==> flow/design.v <==
module my_multiplier #(
   parameter W = 14,
   parameter G = 4
) (
   input ck,
   input i_rst,
   input [W-1:0] op_a,
   input [W-1:0] op_b,
   input start,
   output [2*W+G-1:0] res
);
   wire [2*W-1:0] r = op_a * op_b;
   reg [2*W+G-1:0] run_sum;
   assign res = run_sum;
   always @(posedge ck or posedge i_rst) begin
      if (i_rst) begin
         run_sum <= 0;
      end else begin
         run_sum <= start ? r : run_sum + r;
      end
   end
endmodule
Reports on my_multiplier
The steps from the RTL of my_multiplier to its reports follow in flow order.
Lines are those of the file above, counted from 1.
Operators: Yosys type, input widths -> output width; for muxes data width and select width s.
Not given: -

inputs
  design top = my_multiplier
  clock port = ck
  cell library = sky130hd
  library corner = tt_025C_1v80

After elaboration
Counts by Yosys on the flattened word-level netlist (proc, flatten, opt, wreduce; memories kept). Register bits leave out memories and registers merged into their read ports (data or address); mux counts leave out enables and synchronous resets folded into registers. Print and check cells are left out. Cells with the same type and inputs are merged into one.

bit counts
  bits of input ports = 31
  output and inout port bits = 32
  register bits after elaboration = 32

operators by class
  multiply operators = 1
  multiplexer cells = 1
  add/subtract/negate cells = 1

operators by type and width
  cell            count
  $mul 14x14->28  1
  $add 32x28->32  1
  $mux 32         1

Depth
Yosys ltp: most cells in a row. Word level: on the elaborated netlist, between registers, memories and ports. Mapped: between sequential cells and ports; inverters and the memories' decode and read muxes count.

depth
  word-level depth = 3
  ABC_AREA = 0
  depth in mapped cells = 33
  depth with buffers taken out = 31

Netlist
Source: synth_stat.txt of the flow (Yosys; design flattened, memories mapped). It holds for the ABC_AREA given above (unset counts as 0); a run with the other value may have another netlist.

synthesis totals
  standard cells after synthesis = 1043
  synthesis area = 9142.5 um^2
  flip-flops = 32

cell types
  type                       count  total area (um^2)
  sky130_fd_sc_hd__fa_1      142    2.84E+03
  sky130_fd_sc_hd__ha_1      125    1564
  sky130_fd_sc_hd__dfrtp_1   32     800.768
  sky130_fd_sc_hd__and2_1    100    625.6
  sky130_fd_sc_hd__inv_1     166    623.098
  sky130_fd_sc_hd__nand2_1   139    521.75
  sky130_fd_sc_hd__xnor2_1   32     280.269
  sky130_fd_sc_hd__a21oi_1   52     260.25
  sky130_fd_sc_hd__o21ai_0   41     205.197
  sky130_fd_sc_hd__a21o_1    27     202.694
  sky130_fd_sc_hd__xor2_1    21     183.926
  sky130_fd_sc_hd__clkbuf_1  40     150.144
  sky130_fd_sc_hd__nor2_1    28     105.101
  sky130_fd_sc_hd__mux2_2    7      78.826
  sky130_fd_sc_hd__o21a_1    7      52.55
  sky130_fd_sc_hd__a31oi_1   8      50.048
  sky130_fd_sc_hd__o21bai_1  6      45.043
  sky130_fd_sc_hd__nand4_1   7      43.792

Not listed: further types 33, cells in them 63.

Path before layout
Path of least setup slack by OpenSTA after synthesis, without wires, with an ideal clock, recovery checks aside; 20% of the period is set as input and as output delay. Where synthesis merged equal registers, the netlist keeps one of their names.

path post-synthesis
  kind = input-to-reg
  start = input op_b[2]
  end = register run_sum[29]
  buffers on the path = 2
  required time = 10.764 ns
  clock period = 10.9 ns
  path delay = 6.977 ns
  stages on the path = 33
  arrival = 9.021 ns
  path slack = 1.744 ns
  setup time = 0.136 ns
  period reached after synthesis = 9.156 ns

"path delay" is the arrival time less input delay plus setup time.
"stages on the path" counts driving pins, that of a launching flip-flop among them; a cell with two outputs on the path counts twice.
"period reached after synthesis" = period - worst setup slack (recovery checks aside). The figure is calculated, with input and output delays left at 20% of the set period.
Between the ends stands the longest chain of elaborated cells between them, by number of cells; it is not shown to be the way that was timed. Of several equally long chains one is given.
A line is the first line of the expression or statement that the cell stems from. Yosys adds cells for indexed reads and writes and turns some case tables into memories.

between the ends, post-synthesis
  cells stage by stage = sky130_fd_sc_hd__clkbuf_1 -> sky130_fd_sc_hd__and2_1 -> sky130_fd_sc_hd__fa_1 -> sky130_fd_sc_hd__inv_1 -> sky130_fd_sc_hd__fa_1 -> sky130_fd_sc_hd__inv_1 -> sky130_fd_sc_hd__fa_1 -> sky130_fd_sc_hd__inv_1 -> sky130_fd_sc_hd__fa_1 -> sky130_fd_sc_hd__inv_1 -> sky130_fd_sc_hd__fa_1 -> sky130_fd_sc_hd__inv_1 -> sky130_fd_sc_hd__fa_1 -> sky130_fd_sc_hd__inv_1 -> sky130_fd_sc_hd__ha_1 -> sky130_fd_sc_hd__a21oi_1 -> sky130_fd_sc_hd__o21ai_0 -> sky130_fd_sc_hd__o41ai_4 -> sky130_fd_sc_hd__o31ai_2 -> sky130_fd_sc_hd__o21ai_0 -> sky130_fd_sc_hd__nand2b_1 -> sky130_fd_sc_hd__xor2_1 -> sky130_fd_sc_hd__ha_1 -> sky130_fd_sc_hd__clkbuf_1 -> sky130_fd_sc_hd__a21o_1 -> sky130_fd_sc_hd__a21o_1 -> sky130_fd_sc_hd__a21oi_1 -> sky130_fd_sc_hd__o21ai_0 -> sky130_fd_sc_hd__a21oi_1 -> sky130_fd_sc_hd__nor2_1 -> sky130_fd_sc_hd__a2111oi_0 -> sky130_fd_sc_hd__or3_1 -> sky130_fd_sc_hd__a21oi_1
  cells in the longest elaborated chain = 3
  elaborated cells on any way between the ends = 3
  source lines of those cells = 2

ends and longest elaborated chain, post-synthesis
  what             RTL line  text
  start, declared  8         input [W-1:0] op_b,
  $mul 14x14->28   12        wire [2*W-1:0] r = op_a * op_b;
  $add 32x28->32   19        run_sum <= start ? r : run_sum + r;
  $mux 32          19
  end, assigned    17        run_sum <= 0;
  end, assigned    19
  end, declared    13        reg [2*W+G-1:0] run_sum;

Timing after layout
From the final timing report of run A: the path of least setup slack in the routed layout; clock arrival at registers is part of the times.

path post-layout
  kind = input-to-reg
  start = input op_a[1]
  end = register run_sum[22]
  path slack = 0.32 ns
  stages on the path = 31
  setup time = 0.11 ns
  arrival = 8.77 ns
  clock period = 8.92 ns
  required time = 9.09 ns
  buffers on the path = 8

Between the ends stands the longest chain of elaborated cells between them, by number of cells; it is not shown to be the way that was timed. Of several equally long chains one is given.

between the ends, post-layout
  cells stage by stage = sky130_fd_sc_hd__clkdlybuf4s50_1 -> sky130_fd_sc_hd__buf_6 -> sky130_fd_sc_hd__buf_4 -> sky130_fd_sc_hd__nand2_1 -> sky130_fd_sc_hd__fa_1 -> sky130_fd_sc_hd__fa_1 -> sky130_fd_sc_hd__inv_1 -> sky130_fd_sc_hd__fa_1 -> sky130_fd_sc_hd__fa_1 -> sky130_fd_sc_hd__fa_1 -> sky130_fd_sc_hd__inv_1 -> sky130_fd_sc_hd__fa_1 -> sky130_fd_sc_hd__inv_1 -> sky130_fd_sc_hd__ha_1 -> sky130_fd_sc_hd__buf_4 -> sky130_fd_sc_hd__a21oi_1 -> sky130_fd_sc_hd__o21ai_0 -> sky130_fd_sc_hd__a41o_4 -> sky130_fd_sc_hd__a311o_1 -> sky130_fd_sc_hd__xor2_2 -> sky130_fd_sc_hd__ha_1 -> sky130_fd_sc_hd__buf_4 -> sky130_fd_sc_hd__nand2_2 -> sky130_fd_sc_hd__o21a_1 -> sky130_fd_sc_hd__o21ai_0 -> sky130_fd_sc_hd__o21ai_1 -> sky130_fd_sc_hd__buf_4 -> sky130_fd_sc_hd__buf_4 -> sky130_fd_sc_hd__buf_4 -> sky130_fd_sc_hd__xnor2_1 -> sky130_fd_sc_hd__mux2_2
  cells in the longest elaborated chain = 3
  elaborated cells on any way between the ends = 3
  source lines of those cells = 2

ends and longest elaborated chain, post-layout
  what             RTL line  text
  start, declared  7         input [W-1:0] op_a,
  $mul 14x14->28   12        wire [2*W-1:0] r = op_a * op_b;
  $add 32x28->32   19        run_sum <= start ? r : run_sum + r;
  $mux 32          19
  end, assigned    17        run_sum <= 0;
  end, assigned    19
  end, declared    13        reg [2*W+G-1:0] run_sum;

Ticket comment

my_multiplier through Yosys and OpenROAD on sky130hd: 3 stored runs, unordered, with their settings and measured results. The constraints put input and output delay at 20% of the set period each and load the outputs with 0.01 pF.
"achieved clock period (ns)": clock period set for the run, less the worst setup slack. It is reckoned from that one timing run; input and output delays stay at 20% of the period that was set.
"worst setup path time (ns)": the worst setup path's part of the clock period (all of it between registers, 20% less for each end at a port) less its slack. A launch clock that arrives late makes it longer, a capture clock that arrives late makes it shorter.

settings of run A
{
  "period_ns": 8.92,
  "CORE_UTILIZATION": 55,
  "CORE_MARGIN": 8,
  "CELL_PAD_IN_SITES_DETAIL_PLACEMENT": 0,
  "CTS_CLUSTER_DIAMETER": 377,
  "MAX_ROUTING_LAYER": "met4",
  "CAP_MARGIN": 20,
  "SLEW_MARGIN": 20
}
report of run A
yosys chip area after synthesis (um^2): 9142.5
finish__design__die__area: 21004.7
finish__design__instance__area__stdcell: 11428.5
finish__design__instance__utilization: 0.6966
finish__timing__setup__ws: 0.320
finish__timing__setup__tns: 0.000
finish__timing__hold__ws: 0.529
achieved clock period (ns): 8.600
worst setup path time (ns): 6.82
worst setup path kind: input-to-reg

settings of run B
{
  "period_ns": 12.9,
  "CORE_UTILIZATION": 66,
  "SETUP_SLACK_MARGIN": 0.55,
  "PLACE_DENSITY_LB_ADDON": 0.04,
  "CORE_MARGIN": 5,
  "CELL_PAD_IN_SITES_DETAIL_PLACEMENT": 2,
  "TNS_END_PERCENT": 95,
  "GPL_TIMING_DRIVEN": 0,
  "GPL_ROUTABILITY_DRIVEN": 0,
  "CAP_MARGIN": 25,
  "SLEW_MARGIN": 0,
  "MIN_ROUTING_LAYER": "met1",
  "MAX_ROUTING_LAYER": "met5"
}
report of run B: did not finish, place, DPL-0033

settings of run C
{
  "period_ns": 10.9,
  "CAP_MARGIN": 20,
  "CORE_MARGIN": 2,
  "CORE_UTILIZATION": 40,
  "SLEW_MARGIN": 20
}
report of run C
yosys chip area after synthesis (um^2): 9142.5
finish__design__die__area: 24080.8
finish__design__instance__area__stdcell: 10181.0
finish__design__instance__utilization: 0.4511
finish__timing__setup__ws: 0.838
finish__timing__setup__tns: 0.000
finish__timing__hold__ws: 0.544
achieved clock period (ns): 10.062
worst setup path time (ns): 7.88
worst setup path kind: input-to-reg
